==> flow/design.v <==
module sync_as_core #(
    parameter NBITS = 6
) (
    input wire aclk,
    input wire rst_n,
    input wire [NBITS-1:0] dataa,
    input wire [NBITS-1:0] datab,
    output reg [NBITS-1:0] q,
    output reg under
);
    reg [NBITS-1:0] dataa_reg;
    reg [NBITS-1:0] datab_reg;
    wire [NBITS:0] work = {1'b0, dataa_reg} - {1'b0, datab_reg};
    always @(posedge aclk or negedge rst_n) begin
        if (~rst_n) begin
            dataa_reg <= 0;
            datab_reg <= 0;
            q <= 0;
            under <= 1'b0;
        end else begin
            dataa_reg <= dataa;
            datab_reg <= datab;
            q <= work[NBITS-1:0];
            under <= work[NBITS];
        end
    end
endmodule
==> reports on sync_as_core <==
**Reports on sync_as_core**

Module sync_as_core in several versions that differ in "NBITS"; each step lists the members.
The RTL above is that of NBITS 6; lines are counted from 1 in the file of the member named.
Operators: Yosys type, input widths -> output width; for muxes data width and select width s.
The mark - stands for no value.

- Top module: sync_as_core
- Clock input: aclk
- Cell library: sky130hd
- Library corner: tt_025C_1v80

**Source of the members**

Lines of each other member's file that are new or changed against the file above; lines that a member lacks are not shown.

New or changed lines:

| NBITS | line | RTL |
|---|---|---|
| 8 | 2 | `parameter NBITS = 8` |
| 12 | 2 | `parameter NBITS = 12` |
| 56 | 2 | `parameter NBITS = 56` |
| 64 | 2 | `parameter NBITS = 64` |

**Elaborated design**

Counts by Yosys on the flattened word-level netlist (proc, flatten, opt, wreduce; memories kept). Register bits leave out memories and registers merged into their read ports (data or address); mux counts leave out enables and synchronous resets folded into registers. Print and check cells are left out. Cells with the same type and inputs are merged into one.

Operators by class:

| NBITS | $add $sub $neg | $mul | divide/modulo/power cells | magnitude comparators | eq/ne operators | shift-type cells | muxes and demuxes | bitwise gates (word level) | reduce/logical cells |
|---|---|---|---|---|---|---|---|---|---|
| 6 | 1 | 0 | 0 | 0 | 0 | 0 | 0 | 0 | 0 |
| 8 | 1 | 0 | 0 | 0 | 0 | 0 | 0 | 0 | 0 |
| 12 | 1 | 0 | 0 | 0 | 0 | 0 | 0 | 0 | 0 |
| 56 | 1 | 0 | 0 | 0 | 0 | 0 | 0 | 0 | 0 |
| 64 | 1 | 0 | 0 | 0 | 0 | 0 | 0 | 0 | 0 |

Operators with widths:

| NBITS | kinds with counts |
|---|---|
| 6 | $sub 6x6->7 (1) |
| 8 | $sub 8x8->9 (1) |
| 12 | $sub 12x12->13 (1) |
| 56 | $sub 56x56->57 (1) |
| 64 | $sub 64x64->65 (1) |

Bit counts:

| NBITS | register bits after elaboration | latch bits | RAM bits | ROM bits | clocked read ports x word width | memories | input bits | word-level cells |
|---|---|---|---|---|---|---|---|---|
| 6 | 19 | 0 | 0 | 0 | 0 | 0 | 14 | 5 |
| 8 | 25 | 0 | 0 | 0 | 0 | 0 | 18 | 5 |
| 12 | 37 | 0 | 0 | 0 | 0 | 0 | 26 | 5 |
| 56 | 169 | 0 | 0 | 0 | 0 | 0 | 114 | 5 |
| 64 | 193 | 0 | 0 | 0 | 0 | 0 | 130 | 5 |

**Logic depth**

Depth = most cells in a row (Yosys ltp): at word level without a register or memory, in the mapped netlist without a sequential cell, where the memories' decode and read muxes count.

Depth:

| NBITS | depth after elaboration | ABC_AREA | gate-level depth with buffers | depth with buffers taken out |
|---|---|---|---|---|
| 6 | 1 | 0 | 7 | 7 |
| 8 | 1 | 0 | 8 | 8 |
| 12 | 1 | 0 | 8 | 8 |
| 56 | 1 | 0 | 12 | 12 |
| 64 | 1 | 0 | 12 | 12 |

**Synthesis result**

The flow's flattened synthesis, as Yosys stat reports it; memories are mapped. The netlist is that of the ABC_AREA named above (0 if unset); the other value can give another one.

Mapped netlist:

| NBITS | cells in the netlist | chip area (Yosys) (µm²) | area of sequential cells (µm²) | flip-flops | buffers |
|---|---|---|---|---|---|
| 6 | 55 | 740.7 | 475.5 | 19 | 0 |
| 8 | 73 | 979.7 | 625.6 | 25 | 0 |
| 12 | 128 | 1594.0 | 925.9 | 37 | 0 |
| 56 | 717 | 7808.7 | 4229.1 | 169 | 18 |
| 64 | 831 | 9032.4 | 4829.6 | 193 | 21 |

Cell types:

| NBITS | type and count |
|---|---|
| 6 | sky130_fd_sc_hd__dfrtp_1 (19); sky130_fd_sc_hd__ha_1 (6); sky130_fd_sc_hd__inv_1 (8); sky130_fd_sc_hd__fa_1 (1); sky130_fd_sc_hd__nor2b_1 (3); sky130_fd_sc_hd__a21oi_1 (3); sky130_fd_sc_hd__o21ai_0 (2); sky130_fd_sc_hd__a221oi_1 (1); sky130_fd_sc_hd__o311ai_0 (1); sky130_fd_sc_hd__o311ai_1 (1); sky130_fd_sc_hd__o31a_1 (1); sky130_fd_sc_hd__xnor2_1 (1); sky130_fd_sc_hd__xor2_1 (1); sky130_fd_sc_hd__a211oi_1 (1); sky130_fd_sc_hd__a21o_1 (1); sky130_fd_sc_hd__nor2_1 (2); sky130_fd_sc_hd__o21a_1 (1); sky130_fd_sc_hd__o21bai_1 (1); sky130_fd_sc_hd__nand2b_1 (1) |
| 8 | sky130_fd_sc_hd__dfrtp_1 (25); sky130_fd_sc_hd__ha_1 (8); sky130_fd_sc_hd__inv_1 (12); sky130_fd_sc_hd__xnor2_1 (4); sky130_fd_sc_hd__o21a_1 (3); sky130_fd_sc_hd__fa_1 (1); sky130_fd_sc_hd__nor2_1 (5); sky130_fd_sc_hd__nor2b_4 (1); sky130_fd_sc_hd__a21boi_2 (1); sky130_fd_sc_hd__a21oi_2 (1); sky130_fd_sc_hd__o21ai_2 (1); sky130_fd_sc_hd__o2bb2ai_1 (1); sky130_fd_sc_hd__o31a_1 (1); sky130_fd_sc_hd__a21boi_1 (1); sky130_fd_sc_hd__o211ai_1 (1); sky130_fd_sc_hd__nor2b_1 (1); sky130_fd_sc_hd__o22ai_1 (1); sky130_fd_sc_hd__or3_1 (1); [+4] |
| 12 | sky130_fd_sc_hd__dfrtp_1 (37); sky130_fd_sc_hd__ha_1 (12); sky130_fd_sc_hd__inv_1 (18); sky130_fd_sc_hd__xnor2_1 (4); sky130_fd_sc_hd__o21ai_0 (6); sky130_fd_sc_hd__xor2_1 (3); sky130_fd_sc_hd__a21o_1 (3); sky130_fd_sc_hd__nand2_1 (6); sky130_fd_sc_hd__fa_1 (1); sky130_fd_sc_hd__a21oi_2 (2); sky130_fd_sc_hd__o311ai_1 (2); sky130_fd_sc_hd__o31a_4 (1); sky130_fd_sc_hd__nor3_4 (1); sky130_fd_sc_hd__a21oi_1 (3); sky130_fd_sc_hd__nor2_1 (4); sky130_fd_sc_hd__o211ai_1 (2); sky130_fd_sc_hd__o21bai_1 (2); sky130_fd_sc_hd__o221ai_2 (1); [+20] |
| 56 | sky130_fd_sc_hd__dfrtp_1 (169); sky130_fd_sc_hd__ha_1 (56); sky130_fd_sc_hd__a21oi_1 (72); sky130_fd_sc_hd__inv_1 (75); sky130_fd_sc_hd__xnor2_1 (31); sky130_fd_sc_hd__nand2_1 (57); sky130_fd_sc_hd__xor2_1 (22); sky130_fd_sc_hd__o21ai_0 (36); sky130_fd_sc_hd__a21o_1 (19); sky130_fd_sc_hd__nor2_1 (31); sky130_fd_sc_hd__o21bai_1 (12); sky130_fd_sc_hd__nand4_1 (12); sky130_fd_sc_hd__o21a_1 (8); sky130_fd_sc_hd__nand2b_1 (8); sky130_fd_sc_hd__nand3_1 (10); sky130_fd_sc_hd__clkbuf_1 (12); sky130_fd_sc_hd__nor3_1 (9); sky130_fd_sc_hd__o211ai_4 (2); [+76] |
| 64 | sky130_fd_sc_hd__dfrtp_1 (193); sky130_fd_sc_hd__ha_1 (64); sky130_fd_sc_hd__a21oi_1 (76); sky130_fd_sc_hd__xnor2_1 (39); sky130_fd_sc_hd__inv_1 (88); sky130_fd_sc_hd__a21o_1 (37); sky130_fd_sc_hd__nand2_1 (63); sky130_fd_sc_hd__xor2_1 (21); sky130_fd_sc_hd__o21ai_0 (27); sky130_fd_sc_hd__nand4_1 (21); sky130_fd_sc_hd__nor2_1 (35); sky130_fd_sc_hd__o21bai_1 (14); sky130_fd_sc_hd__a31oi_1 (11); sky130_fd_sc_hd__buf_2 (11); sky130_fd_sc_hd__o21a_1 (7); sky130_fd_sc_hd__nand3_1 (10); sky130_fd_sc_hd__o21ai_1 (9); sky130_fd_sc_hd__a21oi_2 (4); [+101] |

A list marked [+n] leaves out that many cells.

**Path before layout**

Path of least setup slack by OpenSTA after synthesis, without wires, with an ideal clock, recovery checks aside; 20% of the period is set as input and as output delay. Where synthesis merged equal registers, the netlist keeps one of their names.

Timing post-synthesis:

| NBITS | kind | start | end | clock period (ns) | setup slack (ns) | stages | path delay (ns) | period reached after synthesis (ns) |
|---|---|---|---|---|---|---|---|---|
| 6 | register -> register | register dataa_reg[0] | register q[4] | 1.88 | 0.376 | 8 | 1.504 | 1.504 |
| 8 | register -> register | register dataa_reg[0] | register under | 2.07 | 0.413 | 9 | 1.657 | 1.657 |
| 12 | register -> register | register dataa_reg[0] | register under | 2.08 | 0.413 | 9 | 1.668 | 1.667 |
| 56 | register -> register | register dataa_reg[0] | register q[52] | 3.38 | 0.676 | 13 | 2.705 | 2.704 |
| 64 | register -> register | register dataa_reg[0] | register under | 3.26 | 0.650 | 13 | 2.610 | 2.61 |

"path delay" is the arrival time less input delay plus setup time.
"stages": output pins that drive a net of the path, with the launching flip-flop's if there is one; two outputs of one cell count as two.
"period reached after synthesis" is the clock period less the worst setup slack; recovery checks do not enter. This is arithmetic on one report: input and output delays are still those of the set period (20% each).
The rows between start and end are the longest chain of elaborated cells between them; the timing report does not say that the signal goes this way. Where chains are equally long, one stands for them.
A line is the first line of the expression or statement that the cell stems from. Yosys adds cells for indexed reads and writes and turns some case tables into memories.

On the way, post-synthesis, NBITS 6:
- Length of the longest elaborated chain: 1

Ends and longest elaborated chain, post-synthesis, NBITS 6:

| what | line | RTL |
|---|---|---|
| start: declaration | 11 | `reg [NBITS-1:0] dataa_reg;` |
| start: assignment | 16 | `dataa_reg <= 0;` |
| start: assignment | 21 | `dataa_reg <= dataa;` |
| $sub 6x6->7 | 13 | `wire [NBITS:0] work = {1'b0, dataa_reg} - {1'b0, datab_reg};` |
| end: assignment | 18 | `q <= 0;` |
| end: assignment | 23 | `q <= work[NBITS-1:0];` |
| end: declaration | 8 | `output reg [NBITS-1:0] q,` |

On the way, post-synthesis, NBITS 64:
- Length of the longest elaborated chain: 1

Ends and longest elaborated chain, post-synthesis, NBITS 64:

| what | line | RTL |
|---|---|---|
| start: declaration | 11 | `reg [NBITS-1:0] dataa_reg;` |
| start: assignment | 16 | `dataa_reg <= 0;` |
| start: assignment | 21 | `dataa_reg <= dataa;` |
| $sub 64x64->65 | 13 | `wire [NBITS:0] work = {1'b0, dataa_reg} - {1'b0, datab_reg};` |
| end: assignment | 19 | `under <= 1'b0;` |
| end: assignment | 24 | `under <= work[NBITS];` |
| end: declaration | 9 | `output reg under` |

**Worst path after layout**

From the final timing report of each member's run: the path of least setup slack in the routed layout; clock arrival at registers is part of the times.

Timing after layout:

| NBITS | kind | start | end | clock period (ns) | setup slack (ns) | stages | arrival time (ns) | path buffers |
|---|---|---|---|---|---|---|---|---|
| 6 | register -> register | register dataa_reg[0] | register under | 1.88 | 0.28 | 8 | 1.81 | 0 |
| 8 | register -> register | register dataa_reg[0] | register under | 2.07 | 0.29 | 9 | 1.97 | 0 |
| 12 | register -> register | register dataa_reg[0] | register q[10] | 2.08 | 0.30 | 9 | 1.99 | 0 |
| 56 | register -> register | register datab_reg[0] | register q[52] | 3.38 | 0.34 | 12 | 3.34 | 0 |
| 64 | register -> register | register datab_reg[0] | register under | 3.26 | 0.25 | 12 | 3.33 | 0 |

**Layout results**

Settings and results of one run of the flow (Yosys, OpenROAD) for each member follow. The constraints put input and output delay at 20% of the set period each and load the outputs with 0.01 pF.

- CAP_MARGIN: 20
- CORE_MARGIN: 2
- CORE_UTILIZATION: 40
- SLEW_MARGIN: 20

Settings that differ:

| NBITS | period_ns |
|---|---|
| 6 | 1.88 |
| 8 | 2.07 |
| 12 | 2.08 |
| 56 | 3.38 |
| 64 | 3.26 |

Measured results:

| NBITS | cell area after synthesis (µm²) | area inside the die boundary (µm²) | standard-cell area of the final layout (µm²) | utilization of the finished layout (%) | worst slack on setup checks (ns) | setup total negative slack (ns) | total power after layout (µW) | reached clock period (ns) |
|---|---|---|---|---|---|---|---|---|
| 6 | 740.7 | 2211.8 | 1006.0 | 58.3 | 0.277 | 0.000 | 818 | 1.603 |
| 8 | 979.7 | 2861.2 | 1308.8 | 58.0 | 0.293 | 0.000 | 962.4 | 1.777 |
| 12 | 1594.0 | 4505.8 | 2133.3 | 57.0 | 0.302 | 0.000 | 1778 | 1.778 |
| 56 | 7808.7 | 20655.4 | 10372.4 | 53.6 | 0.343 | 0.000 | 5485 | 3.037 |
| 64 | 9032.4 | 23799.2 | 11870.1 | 53.9 | 0.246 | 0.000 | 6405 | 3.014 |

"reached clock period" = clock period - worst setup slack. The figure is calculated, with input and output delays left at 20% of the set period.
"total power after layout" rests on the timing tool's default activity at the inputs, not on a simulated workload.
